==> flow/design.v <==
module u_add_core #(
  parameter WD = 8
) (
  input ck,
  input [WD-1:0] x_in,
  input [WD-1:0] y_in,
  input [WD-1:0] z_in,
  output [WD+1:0] result_out
);
  wire [WD-1:0] nxt = x_in ^ y_in ^ z_in;
  wire [WD-1:0] cc = (x_in & y_in) | (x_in & z_in) | (y_in & z_in);
  reg [WD+1:0] r_result;
  always @(posedge ck) begin
    r_result <= nxt + {cc, 1'b0};
  end
  assign result_out = r_result;
endmodule
# Tool chain data of u_add_core

The steps from the RTL of u_add_core to its reports follow in flow order.
Line numbers count from 1 in the design file above.
Cell names lack the library's common part.
Not given: --

Top: u_add_core
Clock: ck
Cell library: sky130hd
Corner: tt_025C_1v80

# Word-level counts

Source: Yosys, flattened and elaborated, memories not mapped. Widths are those after wreduce; folded enables and synchronous resets count as part of the registers. Registers that Yosys merges into a memory's read port (data or address) are not register bits. Print and check cells do not count. Equal cells are merged and count once.

Add/subtract/negate cells: 1
Bitwise gates (word level): 7

Operators by type and width:

| kind                  | count |
| AND 8 bit             | 3 |
| OR 8 bit              | 2 |
| bitwise XOR 8 bit     | 2 |
| adder 8 x 9 -> 10 bit | 1 |

Bits in registers: 10
Output and inout bits: 10
Word-level cells: 9

# Depth

Yosys ltp: most cells in a row. Word level: on the elaborated netlist, between registers, memories and ports. Mapped: between sequential cells and ports; inverters and the memories' decode and read muxes count.

Word-level depth: 4
ABC_AREA: 0
Gate-level depth with buffers: 9

# Netlist

Yosys stat after the flow's synthesis: flattened, memories mapped to cells. It holds for the ABC_AREA given above (unset counts as 0); a run with the other value may have another netlist.
The area totals of this step are shown rounded.

Cells in the netlist: 65
Mapped area: 730 um2
Area of sequential cells: 200 um2
Mapped flip-flops: 10
Buffers: 0

Cells by type:

| cell      | count | total area (um2) |
| dfxtp_1   | 10    | 200.192 |
| fa_1      | 9     | 180.173 |
| ha_1      | 7     | 87.584 |
| inv_1     | 11    | 41.29 |
| a2111oi_4 | 1     | 27.526 |
| xnor2_1   | 3     | 26.275 |
| a21oi_1   | 4     | 20.019 |
| a21o_2    | 2     | 17.517 |
| xor2_1    | 2     | 17.517 |
| mux2_4    | 1     | 15.014 |
| o21bai_1  | 2     | 15.014 |
| a211oi_2  | 1     | 12.512 |
| nor2_1    | 3     | 11.261 |
| nor3_1    | 2     | 10.01 |
| and2b_2   | 1     | 8.758 |
| a211oi_1  | 1     | 7.507 |
| a21o_1    | 1     | 7.507 |
| or2b_1    | 1     | 7.507 |

Not listed: further types 3, cells in them 3.

# Timing after synthesis

Source: OpenSTA report_checks on the synthesized netlist (no wires, ideal clock, input and output delay 20% of the period each), path of least setup slack; recovery checks are left aside. Register names are those of the netlist, which keeps one name where synthesis merged equal registers.

Path kind: in2reg
Start: input x_in[2]
End: register r_result[8]
Clock period: 2.81 ns
External input delay: 0.562 ns
Setup time: 0.100 ns
Arrival time: 2.261 ns
Data required time: 2.710 ns
Path slack: 0.449 ns
Path delay: 1.799 ns
Stages: 6
Buffers on the path: 0
Synthesis period reached: 2.361 ns

"path delay" is the arrival time less input delay plus setup time.
"stages" counts driving pins, that of a launching flip-flop among them; a cell with two outputs on the path counts twice.
"synthesis period reached" is the clock period less the worst setup slack; recovery checks do not enter. This is arithmetic on one report: input and output delays are still those of the set period (20% each).
Between the ends stands the longest chain of elaborated cells between them, by number of cells; it is not shown to be the way that was timed. Of several equally long chains one is given.
A line is the first line of the expression or statement that the cell stems from. Yosys adds cells for indexed reads and writes and turns some case tables into memories.

Path through: fa_1 > ha_1 > a211oi_2 > nor3_1 > mux2_4 > a2111oi_4
Cells in the longest elaborated chain: 4

Ends and longest elaborated chain, after synthesis:

| what                  | line | text |
| from (decl)           | 5    | `input [WD-1:0] x_in,` |
| AND 8 bit             | 11   | `wire [WD-1:0] cc = (x_in & y_in) \| (x_in & z_in) \| (y_in & z_in);` |
| OR 8 bit x2           | 11   |  |
| adder 8 x 9 -> 10 bit | 14   | `r_result <= nxt + {cc, 1'b0};` |
| to (assign)           | 14   |  |
| to (decl)             | 12   | `reg [WD+1:0] r_result;` |

# Worst path after layout

From the final timing report of flow run B: the path of least setup slack in the routed layout; clock arrival at registers is part of the times.

Path kind: in2reg
Start: input x_in[2]
End: register r_result[8]
Clock period: 2.81 ns
External input delay: 0.56 ns
Setup time: 0.09 ns
Arrival time: 2.74 ns
Data required time: 2.97 ns
Path slack: 0.23 ns
Stages: 7
Buffers on the path: 1

Between the ends stands the longest chain of elaborated cells between them, by number of cells; it is not shown to be the way that was timed. Of several equally long chains one is given.

Path through: clkdlybuf4s50_1 > fa_1 > ha_1 > a211oi_2 > nor3_1 > mux2_4 > a2111oi_4
Cells in the longest elaborated chain: 4

Ends and longest elaborated chain, after layout:

| what                  | line | text |
| from (decl)           | 5    | `input [WD-1:0] x_in,` |
| AND 8 bit             | 11   | `wire [WD-1:0] cc = (x_in & y_in) \| (x_in & z_in) \| (y_in & z_in);` |
| OR 8 bit x2           | 11   |  |
| adder 8 x 9 -> 10 bit | 14   | `r_result <= nxt + {cc, 1'b0};` |
| to (assign)           | 14   |  |
| to (decl)             | 12   | `reg [WD+1:0] r_result;` |

Hand-over note for u_add_core

Module u_add_core, platform sky130hd: 3 stored runs of the flow (Yosys, OpenROAD) with differing settings, in no particular order. Input and output delays are each 20% of the period that was set; the output load is 0.01 pF.
"achieved clock period" means the clock period less the worst setup slack. The figure is calculated, with input and output delays left at 20% of the set period.
Measured values are rounded.

## Flow run A

==> flow/run.sh <==
#!/bin/bash
# the make line also repeats the synthesis and layout settings of config.mk as NAME=value (left out here)
make -C /OpenROAD-flow-scripts/flow DESIGN_CONFIG=/design/flow/config.mk WORK_HOME=/design/flow/orfs CLKGATE_MAP_FILE= finish
==> flow/config.mk <==
export PLATFORM = sky130hd
export DESIGN_NAME = u_add_core
export DESIGN_NICKNAME = u_add_core
export VERILOG_FILES = /design/flow/design.v
export SDC_FILE = /design/flow/constraint.sdc
export NUM_CORES = 4
export LEC_CHECK = 0
export CAP_MARGIN = 10
export CELL_PAD_IN_SITES_GLOBAL_PLACEMENT = 2
export CORE_ASPECT_RATIO = 1.1
export CORE_MARGIN = 2
export CORE_UTILIZATION = 67
export PLACE_DENSITY_LB_ADDON = 0.11
export SLEW_MARGIN = 20
==> flow/constraint.sdc <==
create_clock -name core_clock -period 1.62 [get_ports {ck}]
set_input_delay 0.3240 -clock core_clock [delete_from_list [all_inputs] [get_ports {ck}]]
set_output_delay 0.3240 -clock core_clock [all_outputs]
set_load 0.01 [all_outputs]

Flow run A: no results, placement failed with FLW-0024

## Flow run B

==> flow/run.sh <==
#!/bin/bash
# the make line also repeats the synthesis and layout settings of config.mk as NAME=value (left out here)
make -C /OpenROAD-flow-scripts/flow DESIGN_CONFIG=/design/flow/config.mk WORK_HOME=/design/flow/orfs CLKGATE_MAP_FILE= finish
==> flow/config.mk <==
export PLATFORM = sky130hd
export DESIGN_NAME = u_add_core
export DESIGN_NICKNAME = u_add_core
export VERILOG_FILES = /design/flow/design.v
export SDC_FILE = /design/flow/constraint.sdc
export NUM_CORES = 4
export LEC_CHECK = 0
export CAP_MARGIN = 20
export CORE_MARGIN = 2
export CORE_UTILIZATION = 40
export SLEW_MARGIN = 20
==> flow/constraint.sdc <==
create_clock -name core_clock -period 2.81 [get_ports {ck}]
set_input_delay 0.5620 -clock core_clock [delete_from_list [all_inputs] [get_ports {ck}]]
set_output_delay 0.5620 -clock core_clock [all_outputs]
set_load 0.01 [all_outputs]

| result of flow run B | value |
|---|---|
| cell area after synthesis | 730 um2 |
| total die area | 2,200 um2 |
| std-cell area (final layout) | 1,200 um2 |
| utilization of the finished layout | 69% |
| setup slack of the critical path | 0.23 ns |
| final setup TNS | 0.000 ns |
| worst hold slack | 1.0 ns |
| achieved clock period | 2.576 ns |

## Flow run C

==> flow/run.sh <==
#!/bin/bash
# the make line also repeats the synthesis and layout settings of config.mk as NAME=value (left out here)
make -C /OpenROAD-flow-scripts/flow DESIGN_CONFIG=/design/flow/config.mk WORK_HOME=/design/flow/orfs CLKGATE_MAP_FILE= finish
==> flow/config.mk <==
export PLATFORM = sky130hd
export DESIGN_NAME = u_add_core
export DESIGN_NICKNAME = u_add_core
export VERILOG_FILES = /design/flow/design.v
export SDC_FILE = /design/flow/constraint.sdc
export NUM_CORES = 4
export LEC_CHECK = 0
export CAP_MARGIN = 15
export CORE_MARGIN = 2
export CORE_UTILIZATION = 39
export CTS_CLUSTER_SIZE = 56
export GPL_ROUTABILITY_DRIVEN = 0
export PLACE_DENSITY_LB_ADDON = 0.11
export SETUP_SLACK_MARGIN = 0.31
export SLEW_MARGIN = 25
==> flow/constraint.sdc <==
create_clock -name core_clock -period 1.99 [get_ports {ck}]
set_input_delay 0.3980 -clock core_clock [delete_from_list [all_inputs] [get_ports {ck}]]
set_output_delay 0.3980 -clock core_clock [all_outputs]
set_load 0.01 [all_outputs]

| result of flow run C | value |
|---|---|
| cell area after synthesis | 730 um2 |
| total die area | 2,200 um2 |
| std-cell area (final layout) | 1,400 um2 |
| utilization of the finished layout | 80% |
| setup slack of the critical path | 0.008 ns |
| final setup TNS | 0.000 ns |
| worst hold slack | 0.55 ns |
| achieved clock period | 1.982 ns |

End of note.
